==> flow/design.v <==
module cmp_unit (clk, clk_en, in_da, in_db, out_below, out_equal, out_above);
  parameter integer WIDTH = 28;
  input clk;
  input clk_en;
  input [WIDTH-1:0] in_da;
  input [WIDTH-1:0] in_db;
  output reg out_below;
  output reg out_equal;
  output reg out_above;
  always @(posedge clk) begin
    if (clk_en) begin
      out_below <= (in_da < in_db);
    end
  end
  always @(posedge clk) begin
    if (clk_en) begin
      out_equal <= (in_da == in_db);
    end
  end
  always @(posedge clk) begin
    if (clk_en) begin
      out_above <= (in_da > in_db);
    end
  end
endmodule
======== From RTL to reports: cmp_unit ========
The steps from the RTL of cmp_unit to its reports follow in flow order.
Line numbers count from 1 in the design file above.
The mark - stands for no value.
set-up
  top ..................................... cmp_unit
  clock port .............................. clk
  standard-cell library ................... sky130hd
  corner .................................. tt_025C_1v80

======== Elaborated design ========
Counts by Yosys on the flattened word-level netlist (proc, flatten, opt, wreduce; memories kept). Register bits leave out memories and registers merged into their read ports (data or address); mux counts leave out enables and synchronous resets folded into registers. Print and check cells are left out. Cells with the same type and inputs are merged into one.
operators by class
  $lt $le $gt $ge ......................... 2
  eq/ne operators ......................... 1
operators with widths
  kind                  count
  28-bit > comparator   1
  28-bit < comparator   1
  28-bit equality test  1
word-level totals
  bits in registers ....................... 3
  input bits .............................. 58
  elaborated cells ........................ 6

======== Depth ========
Depth = most cells in a row (Yosys ltp): at word level without a register or memory, in the mapped netlist without a sequential cell, where the memories' decode and read muxes count.
depth
  depth in word-level cells ............... 1
  ABC_AREA ................................ 0
  mapped depth ............................ 7

======== After synthesis ========
The flow's flattened synthesis, as Yosys stat reports it; memories are mapped. The netlist is that of the ABC_AREA named above (0 if unset); the other value can give another one.
mapped netlist
  mapped cells ............................ 100
  cell area after synthesis ............... 805.8 sq um
  flip-flop cells ......................... 3
  buffer cells ............................ 0
cells by type
  type                       count  total area (sq um)
  sky130_fd_sc_hd__ha_1      28     350.336
  sky130_fd_sc_hd__inv_1     28     105.101
  sky130_fd_sc_hd__edfxtp_1  3      90.086
  sky130_fd_sc_hd__a21oi_1   9      45.043
  sky130_fd_sc_hd__nand4_1   4      25.024
  sky130_fd_sc_hd__nand3_1   4      20.019
  sky130_fd_sc_hd__and4_1    2      17.517
  sky130_fd_sc_hd__a21o_1    2      15.014
  sky130_fd_sc_hd__a221oi_2  1      15.014
  sky130_fd_sc_hd__nand2_1   4      15.014
  sky130_fd_sc_hd__and2_1    2      12.512
  sky130_fd_sc_hd__and4_4    1      11.261
  sky130_fd_sc_hd__a221o_1   1      10.01
  sky130_fd_sc_hd__a221oi_1  1      8.758
  sky130_fd_sc_hd__o41ai_1   1      8.758
  sky130_fd_sc_hd__a211oi_1  1      7.507
  sky130_fd_sc_hd__a21boi_0  1      7.507
  sky130_fd_sc_hd__o211ai_1  1      7.507
Not listed: further types 6, cells in them 6.

======== Timing after synthesis ========
OpenSTA on the mapped netlist: ideal clock, no wires. The path of least setup slack (recovery checks aside). Input and output delay are each 20% of the period. Register names are those of the netlist, which keeps one name where synthesis merged equal registers.
timing path after synthesis
  kind .................................... input port to flip-flop
  from .................................... in in_db[21]
  to ...................................... reg out_above
  period .................................. 2.33 ns
  arrival time ............................ 1.685 ns
  setup slack ............................. 0.374 ns
  delay of the path ....................... 1.490 ns
  stages on the path ...................... 7
  path buffers ............................ 0
  synthesis period reached ................ 1.956 ns
"delay of the path" is the arrival time less input delay plus setup time.
"stages on the path": output pins that drive a net of the path, with the launching flip-flop's if there is one; two outputs of one cell count as two.
"synthesis period reached" = period - worst setup slack (recovery checks aside). The figure is calculated, with input and output delays left at 20% of the set period.
Between the ends stands the longest chain of elaborated cells between them, by number of cells; it is not shown to be the way that was timed. Of several equally long chains one is given.
A line is the first line of the expression or statement that the cell stems from. Yosys adds cells for indexed reads and writes and turns some case tables into memories.
on the way, after synthesis
  cell sequence ........................... sky130_fd_sc_hd__inv_1 > sky130_fd_sc_hd__ha_1 > sky130_fd_sc_hd__a21o_1 > sky130_fd_sc_hd__a221o_1 > sky130_fd_sc_hd__a221oi_2 > sky130_fd_sc_hd__o21a_1 > sky130_fd_sc_hd__a21oi_1
  cells in the longest elaborated chain ... 1
RTL lines, path after synthesis
  what                 RTL line  source
  start, declared      6         input [WIDTH-1:0] in_db;
  28-bit > comparator  22        out_above <= (in_da > in_db);
  end, assigned        22
  end, declared        9         output reg out_above;

======== Path in the finished layout ========
From the final timing report of run 1: the path of least setup slack in the routed layout; clock arrival at registers is part of the times.
timing path post-layout
  kind .................................... input port to flip-flop
  from .................................... in in_db[23]
  to ...................................... reg out_above
  period .................................. 2.33 ns
  arrival time ............................ 2.24 ns
  setup slack ............................. 0.07 ns
  stages on the path ...................... 8
  path buffers ............................ 1
Between the ends stands the longest chain of elaborated cells between them, by number of cells; it is not shown to be the way that was timed. Of several equally long chains one is given.
on the way, post-layout
  cell sequence ........................... sky130_fd_sc_hd__clkdlybuf4s50_1 > sky130_fd_sc_hd__inv_1 > sky130_fd_sc_hd__ha_1 > sky130_fd_sc_hd__and2_1 > sky130_fd_sc_hd__a221o_1 > sky130_fd_sc_hd__a221oi_2 > sky130_fd_sc_hd__o21a_1 > sky130_fd_sc_hd__a21oi_1
  cells in the longest elaborated chain ... 1
RTL lines, path post-layout
  what                 RTL line  source
  start, declared      6         input [WIDTH-1:0] in_db;
  28-bit > comparator  22        out_above <= (in_da > in_db);
  end, assigned        22
  end, declared        9         output reg out_above;

==> results <==
Below are 3 stored runs of the flow (Yosys, OpenROAD; platform sky130hd) on cmp_unit, each with its settings and what was measured, unordered. Constraints: input delay and output delay 20% of the set period each, output load 0.01 pF.
"reached clock period" is the run's clock period less its worst setup slack. It is reckoned from that one timing run; input and output delays stay at 20% of the period that was set.
"worst path time" = time allowed to the worst setup path (clock period - input delay - output delay, where it has them) - its slack; a late launch clock adds to it, a late capture clock takes from it.
"power" is the tool's figure for a default switching activity; nothing was simulated.

======== run 1 ========
==> flow/run.sh <==
#!/bin/bash
# the make line also repeats the synthesis and layout settings of config.mk as NAME=value (left out here)
make -C /OpenROAD-flow-scripts/flow DESIGN_CONFIG=/design/flow/config.mk WORK_HOME=/design/flow/orfs CLKGATE_MAP_FILE= finish
==> flow/config.mk <==
export PLATFORM = sky130hd
export DESIGN_NAME = cmp_unit
export DESIGN_NICKNAME = cmp_unit
export VERILOG_FILES = /design/flow/design.v
export SDC_FILE = /design/flow/constraint.sdc
export NUM_CORES = 4
export LEC_CHECK = 0
export CAP_MARGIN = 20
export CORE_MARGIN = 2
export CORE_UTILIZATION = 40
export SLEW_MARGIN = 20
==> flow/constraint.sdc <==
create_clock -name core_clock -period 2.33 [get_ports {clk}]
set_input_delay 0.4660 -clock core_clock [delete_from_list [all_inputs] [get_ports {clk}]]
set_output_delay 0.4660 -clock core_clock [all_outputs]
set_load 0.01 [all_outputs]

-------- measured, run 1 --------
  utilization after layout ................ 0.775
  worst path time ......................... 1.80 ns
  worst path kind ......................... input port to flip-flop
  power ................................... 0.3914 mW
  standard-cell area after routing ........ 1488.9 sq um
  worst hold slack in the final report .... 0.926 ns
  synthesized cell area ................... 805.8 sq um
  setup total negative slack .............. 0.000 ns
  reached clock period .................... 2.263 ns
  smallest setup slack .................... 0.067 ns
  overall die area ........................ 2389.2 sq um

======== run 2 ========
==> flow/run.sh <==
#!/bin/bash
# the make line also repeats the synthesis and layout settings of config.mk as NAME=value (left out here)
make -C /OpenROAD-flow-scripts/flow DESIGN_CONFIG=/design/flow/config.mk WORK_HOME=/design/flow/orfs CLKGATE_MAP_FILE= finish
==> flow/config.mk <==
export PLATFORM = sky130hd
export DESIGN_NAME = cmp_unit
export DESIGN_NICKNAME = cmp_unit
export VERILOG_FILES = /design/flow/design.v
export SDC_FILE = /design/flow/constraint.sdc
export NUM_CORES = 4
export LEC_CHECK = 0
export CAP_MARGIN = 20
export CELL_PAD_IN_SITES_GLOBAL_PLACEMENT = 3
export CORE_MARGIN = 2
export CORE_UTILIZATION = 27
export GPL_TIMING_DRIVEN = 1
export PLACE_DENSITY_LB_ADDON = 0.11
export SLEW_MARGIN = 20
==> flow/constraint.sdc <==
create_clock -name core_clock -period 1.37 [get_ports {clk}]
set_input_delay 0.2740 -clock core_clock [delete_from_list [all_inputs] [get_ports {clk}]]
set_output_delay 0.2740 -clock core_clock [all_outputs]
set_load 0.01 [all_outputs]

-------- run 2 --------
  no results, placement failed with FLW-0024

======== run 3 ========
==> flow/run.sh <==
#!/bin/bash
# the make line also repeats the synthesis and layout settings of config.mk as NAME=value (left out here)
make -C /OpenROAD-flow-scripts/flow DESIGN_CONFIG=/design/flow/config.mk WORK_HOME=/design/flow/orfs CLKGATE_MAP_FILE= finish
==> flow/config.mk <==
export PLATFORM = sky130hd
export DESIGN_NAME = cmp_unit
export DESIGN_NICKNAME = cmp_unit
export VERILOG_FILES = /design/flow/design.v
export SDC_FILE = /design/flow/constraint.sdc
export NUM_CORES = 4
export LEC_CHECK = 0
export CAP_MARGIN = 20
export CORE_MARGIN = 10
export CORE_UTILIZATION = 69
export GPL_ROUTABILITY_DRIVEN = 1
export MAX_ROUTING_LAYER = met4
export SETUP_SLACK_MARGIN = 0.31
export SLEW_MARGIN = 20
==> flow/constraint.sdc <==
create_clock -name core_clock -period 1.46 [get_ports {clk}]
set_input_delay 0.2920 -clock core_clock [delete_from_list [all_inputs] [get_ports {clk}]]
set_output_delay 0.2920 -clock core_clock [all_outputs]
set_load 0.01 [all_outputs]

-------- run 3 --------
  no results, placement failed with GPL-0301
